==> flow/design.v <==
module cmp_unit #(
  parameter integer DW = 40
) (
  input  wire ck,
  input  wire i_rst_n,
  input  wire adv,
  input  wire [DW-1:0] first_in,
  input  wire [DW-1:0] second_in,
  output reg le_out
);
  always @(posedge ck or negedge i_rst_n) begin
    if (~i_rst_n) begin
      le_out <= 1'b0;
    end else if (adv) begin
      le_out <= (first_in <= second_in);
    end
  end
endmodule
## Step by step through the tools: cmp_unit

Tool output for the design above, in the order of the flow.
Line numbers count from 1 in the design file above.
Operators: Yosys type, input widths -> output width; for muxes data width and select width s.
Library cell names are shortened.
Not given: n/a

- Top module: cmp_unit
- Clock port: ck
- Library: sky130hd
- Corner: tt_025C_1v80

## After elaboration

Yosys after proc, flatten, opt, wreduce and memory -nomap, before mapping. Enables and synchronous resets that opt folds into registers are not counted as muxes. Memory bits, and registers merged into a memory's read port (data or address), are not among the register bits. Print and check cells are not counted. Equal cells are merged and count once.

- Flip-flop bits (word level): 1
- Input port bits: 83
- Elaborated cells: 2

- $lt $le $gt $ge: 1

Operator list:

| cell | count |
|---|---|
| $le 40x40->1 | 1 |

## Longest topological paths

Longest topological path by Yosys (ltp), each cell counted once; first at word level (registers and memories cut), then after technology mapping (sequential cells cut; the memories' decode and read muxes count).

- Word-level depth: 1
- ABC_AREA: 0
- Depth in mapped cells: 8

## Netlist

Yosys stat after the flow's synthesis: flattened, memories mapped to cells. It holds for the ABC_AREA given above (unset counts as 0); a run with the other value may have another netlist.
The area totals of this step are shown rounded.

- Cells in the netlist: 143
- Cell area after synthesis: 1032 um^2
- Area of sequential cells: 25.0 um^2
- Mapped flip-flops: 1
- Buffers: 0

Cell types:

| type | count |
|---|---|
| ha_1 | 40 |
| inv_1 | 40 |
| a21oi_1 | 17 |
| nand4_1 | 8 |
| nand3_1 | 7 |
| nand2_1 | 7 |
| dfrtp_1 | 1 |
| a21o_1 | 3 |
| a211oi_1 | 2 |
| o21ai_0 | 3 |
| nand4_2 | 1 |
| nor4_2 | 1 |
| nor2_1 | 3 |
| a221o_1 | 1 |
| nor3_1 | 2 |
| a221oi_1 | 1 |
| o2111ai_1 | 1 |
| o211ai_1 | 1 |

Not listed: further types 4, cells in them 4.

## Timing after synthesis

Source: OpenSTA report_checks on the synthesized netlist (no wires, ideal clock, input and output delay 20% of the period each), path of least setup slack; recovery checks are left aside. Register names are those of the netlist, which keeps one name where synthesis merged equal registers.

- Path type: input to register
- From: input second_in[37]
- To: register le_out
- Period: 2290 ps
- Launch time at the first pin: 458 ps
- Data arrival time: 1839 ps
- Required time: 2208 ps
- Slack: 369 ps
- Delay of the path: 1463 ps
- Stages: 7
- Buffers on the path: 0
- Synthesis period reached: 1921 ps

"delay of the path" is the arrival time less input delay plus setup time.
"stages" counts driving pins, that of a launching flip-flop among them; a cell with two outputs on the path counts twice.
"synthesis period reached" is the clock period less the worst setup slack; recovery checks do not enter. This is arithmetic on one report: input and output delays are still those of the set period (20% each).
Between the ends stands the longest chain of elaborated cells between them, by number of cells; it is not shown to be the way that was timed. Of several equally long chains one is given.
Each line given opens the expression or statement behind the cell; cells for indexed reads and writes are added by Yosys, which also makes memories of some case tables.

- Cell sequence: inv_1 ha_1 nand4_2 nor4_2 nand3_1 or3_1 a31oi_1
- Cells in the longest elaborated chain: 1

RTL lines, path after synthesis:

| item | line | source |
|---|---|---|
| start: declaration | 8 | `input  wire [DW-1:0] second_in,` |
| $le 40x40->1 | 15 | `le_out <= (first_in <= second_in);` |
| end: assignment | 13 | `le_out <= 1'b0;` |
| end: assignment | 15 |  |
| end: declaration | 9 | `output reg le_out` |

## Timing after layout

From the final timing report of job 3: the path of least setup slack in the routed layout; clock arrival at registers is part of the times.
The path's times are printed in steps of 10 ps; the period is the one set.

- Path type: input to register
- From: input first_in[4]
- To: register le_out
- Period: 1380 ps
- Launch time at the first pin: 280 ps
- Data arrival time: 1720 ps
- Required time: 1290 ps
- Slack: -430 ps
- Stages: 6
- Buffers on the path: 2

Between the ends stands the longest chain of elaborated cells between them, by number of cells; it is not shown to be the way that was timed. Of several equally long chains one is given.

- Cell sequence: clkdlybuf4s50_1 ha_1 nand4_1 buf_4 or3_1 a31oi_1
- Cells in the longest elaborated chain: 1

RTL lines, path after layout:

| item | line | source |
|---|---|---|
| start: declaration | 7 | `input  wire [DW-1:0] first_in,` |
| $le 40x40->1 | 15 | `le_out <= (first_in <= second_in);` |
| end: assignment | 13 | `le_out <= 1'b0;` |
| end: assignment | 15 |  |
| end: declaration | 9 | `output reg le_out` |

FLOW RESULTS
============

Stored flow runs of cmp_unit (3 of them; Yosys, OpenROAD, sky130hd). They differ in their settings and are not a sequence. Constraints: input delay and output delay 20% of the set period each, output load 0.01 pF.
"clock period reached" = clock period - worst setup slack. The figure is calculated, with input and output delays left at 20% of the set period.
"time on the worst setup path" is the time allowed to the run's worst setup path (the clock period less input and output delay, where it has them) less its slack. Clock arrival times count: a late capture clock shortens it, a late launch clock lengthens it.
"total power of the final layout": no workload was simulated; the value follows from the tool's default switching activity.
"time on the worst setup path" is known to 10 ps.
The measured numbers are rounded.

### Job 1

==> flow/run.sh <==
#!/bin/bash
# the make line also repeats the synthesis and layout settings of config.mk as NAME=value (left out here)
make -C /OpenROAD-flow-scripts/flow DESIGN_CONFIG=/design/flow/config.mk WORK_HOME=/design/flow/orfs CLKGATE_MAP_FILE= finish
==> flow/config.mk <==
export PLATFORM = sky130hd
export DESIGN_NAME = cmp_unit
export DESIGN_NICKNAME = cmp_unit
export VERILOG_FILES = /design/flow/design.v
export SDC_FILE = /design/flow/constraint.sdc
export NUM_CORES = 4
export LEC_CHECK = 0
export CAP_MARGIN = 0
export CORE_ASPECT_RATIO = 1.89
export CORE_MARGIN = 2
export CORE_UTILIZATION = 39
export CTS_CLUSTER_SIZE = 65
export PLACE_DENSITY_LB_ADDON = 0.18
export SLEW_MARGIN = 30
==> flow/constraint.sdc <==
create_clock -name core_clock -period 1.31 [get_ports {ck}]
set_input_delay 0.2620 -clock core_clock [delete_from_list [all_inputs] [get_ports {ck}]]
set_output_delay 0.2620 -clock core_clock [all_outputs]
set_load 0.01 [all_outputs]

Outcome of job 1: no final report: clock tree synthesis broke off with DPL-0033

### Job 2

==> flow/run.sh <==
#!/bin/bash
# the make line also repeats the synthesis and layout settings of config.mk as NAME=value (left out here)
make -C /OpenROAD-flow-scripts/flow DESIGN_CONFIG=/design/flow/config.mk WORK_HOME=/design/flow/orfs CLKGATE_MAP_FILE= finish
==> flow/config.mk <==
export PLATFORM = sky130hd
export DESIGN_NAME = cmp_unit
export DESIGN_NICKNAME = cmp_unit
export VERILOG_FILES = /design/flow/design.v
export SDC_FILE = /design/flow/constraint.sdc
export NUM_CORES = 4
export LEC_CHECK = 0
export CAP_MARGIN = 20
export CORE_MARGIN = 2
export CORE_UTILIZATION = 40
export SLEW_MARGIN = 20
==> flow/constraint.sdc <==
create_clock -name core_clock -period 2.29 [get_ports {ck}]
set_input_delay 0.4580 -clock core_clock [delete_from_list [all_inputs] [get_ports {ck}]]
set_output_delay 0.4580 -clock core_clock [all_outputs]
set_load 0.01 [all_outputs]

Outcome of job 2: no final report: routing broke off with GRT-0232

### Job 3

==> flow/run.sh <==
#!/bin/bash
# the make line also repeats the synthesis and layout settings of config.mk as NAME=value (left out here)
make -C /OpenROAD-flow-scripts/flow DESIGN_CONFIG=/design/flow/config.mk WORK_HOME=/design/flow/orfs CLKGATE_MAP_FILE= finish
==> flow/config.mk <==
export PLATFORM = sky130hd
export DESIGN_NAME = cmp_unit
export DESIGN_NICKNAME = cmp_unit
export VERILOG_FILES = /design/flow/design.v
export SDC_FILE = /design/flow/constraint.sdc
export NUM_CORES = 4
export LEC_CHECK = 0
export CAP_MARGIN = 20
export CORE_MARGIN = 6
export CORE_UTILIZATION = 18
export CTS_CLUSTER_SIZE = 24
export PLACE_DENSITY = 0.48
export SETUP_SLACK_MARGIN = 0.22
export SLEW_MARGIN = 20
export TNS_END_PERCENT = 80
==> flow/constraint.sdc <==
create_clock -name core_clock -period 1.38 [get_ports {ck}]
set_input_delay 0.2760 -clock core_clock [delete_from_list [all_inputs] [get_ports {ck}]]
set_output_delay 0.2760 -clock core_clock [all_outputs]
set_load 0.01 [all_outputs]

Results of job 3:
- Lowest setup slack: -429 ps
- Total power of the final layout: 0.7066 mW
- Setup total negative slack: -429 ps
- Post-synthesis cell area: 1032 um^2
- Time on the worst setup path: 1530 ps
- Critical path kind: input to register
- Clock period reached: 1809 ps
- Full die area: 7696 um^2
- Standard-cell area after layout: 2490 um^2
- Utilization after routing: 0.452
